==> flow/design.v <==
module subtractor #(
    parameter integer WD = 112
) (
    input  logic core_clk,
    input  logic RST,
    input  logic en,
    input  logic [WD-1:0] in0,
    input  logic do_sub,
    output logic [WD-1:0] diff
);
    logic [WD-1:0] r_in0;
    logic r_do_sub;
    assign diff = r_do_sub ? -r_in0 : r_in0;
    always_ff @(posedge core_clk or posedge RST) begin
        if (RST) begin
            r_in0 <= '0;
            r_do_sub <= 1'b0;
        end else if (en) begin
            r_in0 <= in0;
            r_do_sub <= do_sub;
        end
    end
endmodule
### Step by step through the tools: subtractor

Tool output for the design above, in the order of the flow.
Lines are those of the file above, counted from 1.
Operators: Yosys type, input widths -> output width; for muxes data width and select width s.
Library cell names are shortened.
Not given: n/a

| set-up | value |
|---|---|
| design top | subtractor |
| clock input | core_clk |
| library | sky130hd |
| corner | tt_025C_1v80 |

### After elaboration

Source: Yosys, flattened and elaborated, memories not mapped. Widths are those after wreduce; folded enables and synchronous resets count as part of the registers. Registers that Yosys merges into a memory's read port (data or address) are not register bits. Print and check cells do not count. Equal cells are merged and count once.

| storage and ports | value |
|---|---|
| bits in registers | 113 |
| input bits | 116 |
| output and inout port bits | 112 |
| elaborated cells | 4 |

| operators by class | value |
|---|---|
| add/sub/neg operators | 1 |
| muxes and demuxes | 1 |

Operators by type and width:

| operator | count |
|---|---|
| $neg 112->112 | 1 |
| $mux 112 | 1 |

### Longest topological paths

Yosys ltp: most cells in a row. Word level: on the elaborated netlist, between registers, memories and ports. Mapped: between sequential cells and ports; inverters and the memories' decode and read muxes count.

| depth | value |
|---|---|
| depth after elaboration | 2 |
| ABC_AREA | 0 |
| depth in mapped cells | 8 |
| depth with buffers taken out | 8 |

### Mapped cells and area

Source: synth_stat.txt of the flow (Yosys; design flattened, memories mapped). It holds for the ABC_AREA given above (unset counts as 0); a run with the other value may have another netlist.

| mapped netlist | value |
|---|---|
| cell count | 694 |
| cell area after synthesis | 7,054.3 µm² |
| sequential part of the area | 2,827.7 µm² |
| flip-flop cells | 113 |
| buffers | 27 |

Cells by type:

| cell | count | area in all (µm²) |
|---|---|---|
| dfrtp_1 | 113 | 2.83E+03 |
| mux2_2 | 110 | 1.24E+03 |
| xnor2_1 | 109 | 954.666 |
| o21ai_0 | 47 | 235.226 |
| nand2_1 | 62 | 232.723 |
| o31ai_1 | 24 | 180.173 |
| nor4_1 | 26 | 162.656 |
| nor3_1 | 32 | 160.154 |
| nand4_1 | 21 | 131.376 |
| or4_1 | 17 | 127.622 |
| clkbuf_1 | 26 | 97.594 |
| nand3_1 | 19 | 95.091 |
| o41ai_1 | 9 | 78.826 |
| nor2_1 | 20 | 75.072 |
| or3_1 | 12 | 75.072 |
| nor4_2 | 4 | 50.048 |
| inv_1 | 7 | 26.275 |
| nand2b_1 | 4 | 25.024 |

Not listed: further types 23, cells in them 32.

### Path before layout

OpenSTA on the mapped netlist: ideal clock, no wires. The path of least setup slack (recovery checks aside). Input and output delay are each 20% of the period. Register names are those of the netlist, which keeps one name where synthesis merged equal registers.

| timing post-synthesis | value |
|---|---|
| kind | register to output |
| start point | register r_in0[16] |
| end point | output diff[87] |
| clock period | 4.21 ns |
| external output delay | 0.842 ns |
| time at the first pin | 0.000 ns |
| arrival | 2.696 ns |
| data required time | 3.368 ns |
| slack | 0.672 ns |
| delay of the path | 2.696 ns |
| driving pins on the path | 7 |
| path buffers | 0 |
| synthesis period reached | 3.538 ns |

"delay of the path" = arrival - input delay + setup time.
A path that ends at an output port has no setup time.
"driving pins on the path" counts driving pins, that of a launching flip-flop among them; a cell with two outputs on the path counts twice.
"synthesis period reached" = period - worst setup slack (recovery checks aside). The figure is calculated, with input and output delays left at 20% of the set period.
The rows between start and end are the longest chain of elaborated cells between them; the timing report does not say that the signal goes this way. Where chains are equally long, one stands for them.
Each line given opens the expression or statement behind the cell; cells for indexed reads and writes are added by Yosys, which also makes memories of some case tables.

| between the ends, post-synthesis | value |
|---|---|
| path through | dfrtp_1 > or3_4 > or4b_4 > or3_4 > or4_4 > o41ai_2 > xnor2_1 |
| length of the longest elaborated chain | 2 |
| elaborated cells on any way between the ends | 2 |
| RTL lines with such cells | 1 |
| classes of those cells | add/sub: 1; mux: 1 |

Ends and longest elaborated chain, post-synthesis:

| what | line | text |
|---|---|---|
| from (decl) | 11 | `logic [WD-1:0] r_in0;` |
| from (assign) | 16 | `r_in0 <= '0;` |
| from (assign) | 19 | `r_in0 <= in0;` |
| $neg 112->112 | 13 | `assign diff = r_do_sub ? -r_in0 : r_in0;` |
| $mux 112 | 13 |  |
| to (decl) | 9 | `output logic [WD-1:0] diff` |

### Worst path after layout

From the final timing report of stored run 1: the path of least setup slack in the routed layout; clock arrival at registers is part of the times.

| timing post-layout | value |
|---|---|
| kind | register to output |
| start point | register r_in0[16] |
| end point | output diff[73] |
| clock period | 2.85 ns |
| external output delay | 0.57 ns |
| time at the first pin | 0.43 ns |
| arrival | 3.30 ns |
| data required time | 2.28 ns |
| slack | -1.02 ns |
| driving pins on the path | 12 |
| path buffers | 5 |

The rows between start and end are the longest chain of elaborated cells between them; the timing report does not say that the signal goes this way. Where chains are equally long, one stands for them.

| between the ends, post-layout | value |
|---|---|
| path through | dfrtp_1 > or3_4 > or4b_4 > buf_4 > nor3_2 > buf_4 > buf_4 > nand3_4 > o31ai_2 > buf_4 > xnor2_1 > buf_2 |
| length of the longest elaborated chain | 2 |
| elaborated cells on any way between the ends | 2 |
| RTL lines with such cells | 1 |
| classes of those cells | add/sub: 1; mux: 1 |

Ends and longest elaborated chain, post-layout:

| what | line | text |
|---|---|---|
| from (decl) | 11 | `logic [WD-1:0] r_in0;` |
| from (assign) | 16 | `r_in0 <= '0;` |
| from (assign) | 19 | `r_in0 <= in0;` |
| $neg 112->112 | 13 | `assign diff = r_do_sub ? -r_in0 : r_in0;` |
| $mux 112 | 13 |  |
| to (decl) | 9 | `output logic [WD-1:0] diff` |

Subject: subtractor on sky130hd, stored results

Hello all,

3 stored runs of subtractor in the flow (synthesis by Yosys, layout by OpenROAD, sky130hd cells), in arbitrary order. Constraints: input delay and output delay 20% of the set period each, output load 0.01 pF.
"clock period achieved" = clock period - worst setup slack. The figure is calculated, with input and output delays left at 20% of the set period.
By "time on the worst setup path" is meant the share of the clock period that the worst setup path is allowed (20% is reserved at inputs, 20% at outputs), minus its slack. Clock arrival times at its registers enter into it.
"total power of the final layout" is the tool's figure for a default switching activity; nothing was simulated.

#### Stored run 1

| setting | value |
|---|---|
| period_ns | `2.85` |
| CORE_UTILIZATION | `45` |
| SETUP_SLACK_MARGIN | `0.68` |
| PLACE_DENSITY_LB_ADDON | `0.03` |
| HOLD_SLACK_MARGIN | `0.08` |
| TNS_END_PERCENT | `65` |
| GPL_ROUTABILITY_DRIVEN | `0` |
| SLEW_MARGIN | `0` |
| MAX_ROUTING_LAYER | `met4` |
| CAP_MARGIN | `20` |
| CORE_MARGIN | `2` |

| result | value |
|---|---|
| sum of negative setup slack | -63.629 ns |
| worst-case hold slack | 0.534 ns |
| time on the worst setup path | 3.30 ns |
| worst path kind | register to output |
| setup slack of the worst path | -1.018 ns |
| Yosys chip area after synthesis | 7,054.3 µm² |
| die size | 16,693.9 µm² |
| post-route utilization | 87.1% |
| total power of the final layout | 6.531 mW |
| clock period achieved | 3.868 ns |

#### Stored run 2

| setting | value |
|---|---|
| period_ns | `2.41` |
| CORE_UTILIZATION | `49` |
| PLACE_DENSITY_LB_ADDON | `0.01` |
| CORE_ASPECT_RATIO | `1.75` |
| CELL_PAD_IN_SITES_GLOBAL_PLACEMENT | `2` |
| CELL_PAD_IN_SITES_DETAIL_PLACEMENT | `0` |
| ABC_AREA | `1` |
| GPL_TIMING_DRIVEN | `1` |
| CTS_CLUSTER_DIAMETER | `96` |
| CAP_MARGIN | `25` |
| SLEW_MARGIN | `10` |
| CORE_MARGIN | `2` |

No results, placement failed with FLW-0024.

#### Stored run 3

| setting | value |
|---|---|
| period_ns | `4.21` |
| CAP_MARGIN | `20` |
| CORE_MARGIN | `2` |
| CORE_UTILIZATION | `40` |
| SLEW_MARGIN | `20` |

| result | value |
|---|---|
| sum of negative setup slack | 0.000 ns |
| worst-case hold slack | 0.546 ns |
| time on the worst setup path | 3.35 ns |
| worst path kind | register to output |
| setup slack of the worst path | 0.020 ns |
| Yosys chip area after synthesis | 7,054.3 µm² |
| die size | 18,714.2 µm² |
| post-route utilization | 63.9% |
| total power of the final layout | 4.200 mW |
| clock period achieved | 4.190 ns |

Thanks
